==> flow/design.v <==
module sync_as_core #(
    parameter NBITS = 12
) (
    input wire aclk,
    input wire rst_n,
    input wire [NBITS-1:0] dataa,
    input wire [NBITS-1:0] datab,
    output reg [NBITS-1:0] q,
    output reg under
);
    reg [NBITS-1:0] dataa_reg;
    reg [NBITS-1:0] datab_reg;
    wire [NBITS:0] work = {1'b0, dataa_reg} - {1'b0, datab_reg};
    always @(posedge aclk or negedge rst_n) begin
        if (~rst_n) begin
            dataa_reg <= 0;
            datab_reg <= 0;
            q <= 0;
            under <= 1'b0;
        end else begin
            dataa_reg <= dataa;
            datab_reg <= datab;
            q <= work[NBITS-1:0];
            under <= work[NBITS];
        end
    end
endmodule
* Step by step through the tools: sync_as_core
Tool output for the design above, in the order of the flow.
Lines are those of the file above, counted from 1.
Cell names lack the library's common part.
A cell with - has no value.
- Design top :: sync_as_core
- Clock :: aclk
- Cell library :: sky130hd
- Corner :: tt_025C_1v80

* Word-level counts
Source: Yosys, flattened and elaborated, memories not mapped. Widths are those after wreduce; folded enables and synchronous resets count as part of the registers. Registers that Yosys merges into a memory's read port (data or address) are not register bits. Print and check cells do not count. Equal cells are merged and count once.
- Flip-flop bits (word level) :: 37
- Bits in latches :: 0
- Bits in writable memories :: 0
- Bits in read-only memories :: 0
- Clocked read ports x word width :: 0
- Memories kept :: 0
- Bits of input ports :: 26
- Output and inout port bits :: 13
- Elaborated cells :: 5
- $add $sub $neg :: 1
- Multiply operators :: 0
- Div/mod/pow operators :: 0
- Magnitude comparators :: 0
- Equality and inequality tests :: 0
- Shift operators :: 0
- Multiplexer cells :: 0
- Bitwise operators :: 0
- Reduce/logical cells :: 0
** Operator list (count)
- 12-bit by 12-bit subtractor with 13-bit output :: 1

* Logic depth
Depth = most cells in a row (Yosys ltp): at word level without a register or memory, in the mapped netlist without a sequential cell, where the memories' decode and read muxes count.
- Depth in word-level cells :: 1
- ABC_AREA :: 0
- Mapped depth :: 8
- Mapped depth without buffers :: 8

* Netlist
Yosys stat after the flow's synthesis: flattened, memories mapped to cells. It holds for the ABC_AREA given above (unset counts as 0); a run with the other value may have another netlist.
The area totals of this step are shown rounded.
** Cell types
- dfrtp_1 :: count 37, area in all 925.888 um^2
- ha_1 :: count 12, area in all 150.144 um^2
- inv_1 :: count 18, area in all 67.565 um^2
- xnor2_1 :: count 4, area in all 35.034 um^2
- o21ai_0 :: count 6, area in all 30.029 um^2
- xor2_1 :: count 3, area in all 26.275 um^2
- a21o_1 :: count 3, area in all 22.522 um^2
- nand2_1 :: count 6, area in all 22.522 um^2
- fa_1 :: count 1, area in all 20.019 um^2
- a21oi_2 :: count 2, area in all 17.517 um^2
- o311ai_1 :: count 2, area in all 17.517 um^2
- o31a_4 :: count 1, area in all 17.517 um^2
- nor3_4 :: count 1, area in all 16.266 um^2
- a21oi_1 :: count 3, area in all 15.014 um^2
- nor2_1 :: count 4, area in all 15.014 um^2
- o211ai_1 :: count 2, area in all 15.014 um^2
- o21bai_1 :: count 2, area in all 15.014 um^2
- o221ai_2 :: count 1, area in all 15.014 um^2
Not listed: further types 17, cells in them 20.
- Standard cells after synthesis :: 128
- Synthesis area :: 1594 um^2
- Sequential part of the area :: 925.9 um^2
- Flip-flop cells :: 37

* Worst setup path after synthesis
OpenSTA on the mapped netlist: ideal clock, no wires. The path of least setup slack (recovery checks aside). Input and output delay are each 20% of the period. Register names are those of the netlist, which keeps one name where synthesis merged equal registers.
- Path kind :: reg-to-reg
- Start :: register dataa_reg[0]
- End :: register under
- Period :: 2.08 ns
- Launch time at the first pin :: 0.000 ns
- Arrival time :: 1.538 ns
- Slack :: 0.413 ns
- Delay of the path :: 1.668 ns
- Stages :: 9
- Buffers on the path :: 0
- Synthesis period reached :: 1.667 ns
"delay of the path" = arrival - input delay + setup time.
"stages": output pins that drive a net of the path, with the launching flip-flop's if there is one; two outputs of one cell count as two.
"synthesis period reached" = period - worst setup slack (recovery checks aside). The figure is calculated, with input and output delays left at 20% of the set period.
The rows between start and end are the longest chain of elaborated cells between them; the timing report does not say that the signal goes this way. Where chains are equally long, one stands for them.
A line is the first line of the expression or statement that the cell stems from. Yosys adds cells for indexed reads and writes and turns some case tables into memories.
- Cells stage by stage :: dfrtp_1 > inv_1 > ha_1 > fa_1 > nor2b_4 > o31a_4 > nor3_4 > o211ai_1 > a31oi_1
- Cells in the longest elaborated chain :: 1
- Elaborated cells on any way between the ends :: 1
- Source lines of those cells :: 1
- Those cells by class :: add/sub: 1
** RTL lines, path post-synthesis
- from (decl) :: RTL line 11 : reg [NBITS-1:0] dataa_reg;
- from (assign) :: RTL line 16 : dataa_reg <= 0;
- from (assign) :: RTL line 21 : dataa_reg <= dataa;
- 12-bit by 12-bit subtractor with 13-bit output :: RTL line 13 : wire [NBITS:0] work = {1'b0, dataa_reg} - {1'b0, datab_reg};
- to (assign) :: RTL line 19 : under <= 1'b0;
- to (assign) :: RTL line 24 : under <= work[NBITS];
- to (decl) :: RTL line 9 : output reg under

* Path in the finished layout
Path of least setup slack in the final report of stored run 1 (OpenROAD, finished layout, wires in). Where an end is a register, its clock arrival counts in the times.
- Path kind :: reg-to-reg
- Start :: register dataa_reg[0]
- End :: register q[10]
- Period :: 2.08 ns
- Launch time at the first pin :: 0.28 ns
- Arrival time :: 1.99 ns
- Slack :: 0.30 ns
- Stages :: 9
- Buffers on the path :: 0
The rows between start and end are the longest chain of elaborated cells between them; the timing report does not say that the signal goes this way. Where chains are equally long, one stands for them.
- Cells stage by stage :: dfrtp_1 > inv_1 > ha_1 > fa_1 > nor2b_4 > o31a_4 > nor3_4 > o21bai_1 > xor2_1
- Cells in the longest elaborated chain :: 1
- Elaborated cells on any way between the ends :: 1
- Source lines of those cells :: 1
- Those cells by class :: add/sub: 1
** RTL lines, path after layout
- from (decl) :: RTL line 11 : reg [NBITS-1:0] dataa_reg;
- from (assign) :: RTL line 16 : dataa_reg <= 0;
- from (assign) :: RTL line 21 : dataa_reg <= dataa;
- 12-bit by 12-bit subtractor with 13-bit output :: RTL line 13 : wire [NBITS:0] work = {1'b0, dataa_reg} - {1'b0, datab_reg};
- to (assign) :: RTL line 18 : q <= 0;
- to (assign) :: RTL line 23 : q <= work[NBITS-1:0];
- to (decl) :: RTL line 8 : output reg [NBITS-1:0] q,

Wiki page: sync_as_core / flow data

Top module sync_as_core; platform sky130hd; tools Yosys and OpenROAD; 3 stored runs in no particular order. Input and output delays are each 20% of the period that was set; the output load is 0.01 pF.
"overall power": no workload was simulated; the value follows from the tool's default switching activity.
The measured numbers are rounded.

* Stored run 1
** Files
==> flow/run.sh <==
#!/bin/bash
# the make line also repeats the synthesis and layout settings of config.mk as NAME=value (left out here)
make -C /OpenROAD-flow-scripts/flow DESIGN_CONFIG=/design/flow/config.mk WORK_HOME=/design/flow/orfs CLKGATE_MAP_FILE= finish
==> flow/config.mk <==
export PLATFORM = sky130hd
export DESIGN_NAME = sync_as_core
export DESIGN_NICKNAME = sync_as_core
export VERILOG_FILES = /design/flow/design.v
export SDC_FILE = /design/flow/constraint.sdc
export NUM_CORES = 4
export LEC_CHECK = 0
export CAP_MARGIN = 20
export CORE_MARGIN = 2
export CORE_UTILIZATION = 40
export SLEW_MARGIN = 20
==> flow/constraint.sdc <==
create_clock -name core_clock -period 2.08 [get_ports {aclk}]
set_input_delay 0.4160 -clock core_clock [delete_from_list [all_inputs] [get_ports {aclk}]]
set_output_delay 0.4160 -clock core_clock [all_outputs]
set_load 0.01 [all_outputs]
** Results
- Synthesized cell area :: 1,594 um^2
- Die size :: 4,506 um^2
- Area of the standard cells in the finished layout :: 2,133 um^2
- Worst slack on setup checks :: 0.302 ns
- Final setup TNS :: 0.000 ns
- Overall power :: 1,778 µW

* Stored run 2
** Files
==> flow/run.sh <==
#!/bin/bash
# the make line also repeats the synthesis and layout settings of config.mk as NAME=value (left out here)
make -C /OpenROAD-flow-scripts/flow DESIGN_CONFIG=/design/flow/config.mk WORK_HOME=/design/flow/orfs CLKGATE_MAP_FILE= finish
==> flow/config.mk <==
export PLATFORM = sky130hd
export DESIGN_NAME = sync_as_core
export DESIGN_NICKNAME = sync_as_core
export VERILOG_FILES = /design/flow/design.v
export SDC_FILE = /design/flow/constraint.sdc
export NUM_CORES = 4
export LEC_CHECK = 0
export CAP_MARGIN = 20
export CELL_PAD_IN_SITES_DETAIL_PLACEMENT = 2
export CORE_ASPECT_RATIO = 1.44
export CORE_MARGIN = 7
export CORE_UTILIZATION = 24
export GPL_TIMING_DRIVEN = 0
export MAX_ROUTING_LAYER = met4
export MIN_ROUTING_LAYER = met1
export PLACE_DENSITY_LB_ADDON = 0.25
export SLEW_MARGIN = 5
export TNS_END_PERCENT = 70
==> flow/constraint.sdc <==
create_clock -name core_clock -period 1.47 [get_ports {aclk}]
set_input_delay 0.2940 -clock core_clock [delete_from_list [all_inputs] [get_ports {aclk}]]
set_output_delay 0.2940 -clock core_clock [all_outputs]
set_load 0.01 [all_outputs]
** Results
- Synthesized cell area :: 1,594 um^2
- Die size :: 9,158 um^2
- Area of the standard cells in the finished layout :: 2,409 um^2
- Worst slack on setup checks :: -0.345 ns
- Final setup TNS :: -1.757 ns
- Overall power :: 2,721 µW

* Stored run 3
** Files
==> flow/run.sh <==
#!/bin/bash
# the make line also repeats the synthesis and layout settings of config.mk as NAME=value (left out here)
make -C /OpenROAD-flow-scripts/flow DESIGN_CONFIG=/design/flow/config.mk WORK_HOME=/design/flow/orfs CLKGATE_MAP_FILE= finish
==> flow/config.mk <==
export PLATFORM = sky130hd
export DESIGN_NAME = sync_as_core
export DESIGN_NICKNAME = sync_as_core
export VERILOG_FILES = /design/flow/design.v
export SDC_FILE = /design/flow/constraint.sdc
export NUM_CORES = 4
export LEC_CHECK = 0
export CAP_MARGIN = 20
export CORE_MARGIN = 2
export CORE_UTILIZATION = 19
export GPL_TIMING_DRIVEN = 1
export PLACE_DENSITY_LB_ADDON = 0.05
export SETUP_SLACK_MARGIN = 0.27
export SLEW_MARGIN = 20
export TNS_END_PERCENT = 10
==> flow/constraint.sdc <==
create_clock -name core_clock -period 1.08 [get_ports {aclk}]
set_input_delay 0.2160 -clock core_clock [delete_from_list [all_inputs] [get_ports {aclk}]]
set_output_delay 0.2160 -clock core_clock [all_outputs]
set_load 0.01 [all_outputs]
** Results
- Synthesized cell area :: 1,594 um^2
- Die size :: 9,138 um^2
- Area of the standard cells in the finished layout :: 2,404 um^2
- Worst slack on setup checks :: -0.613 ns
- Final setup TNS :: -5.365 ns
- Overall power :: 3,446 µW
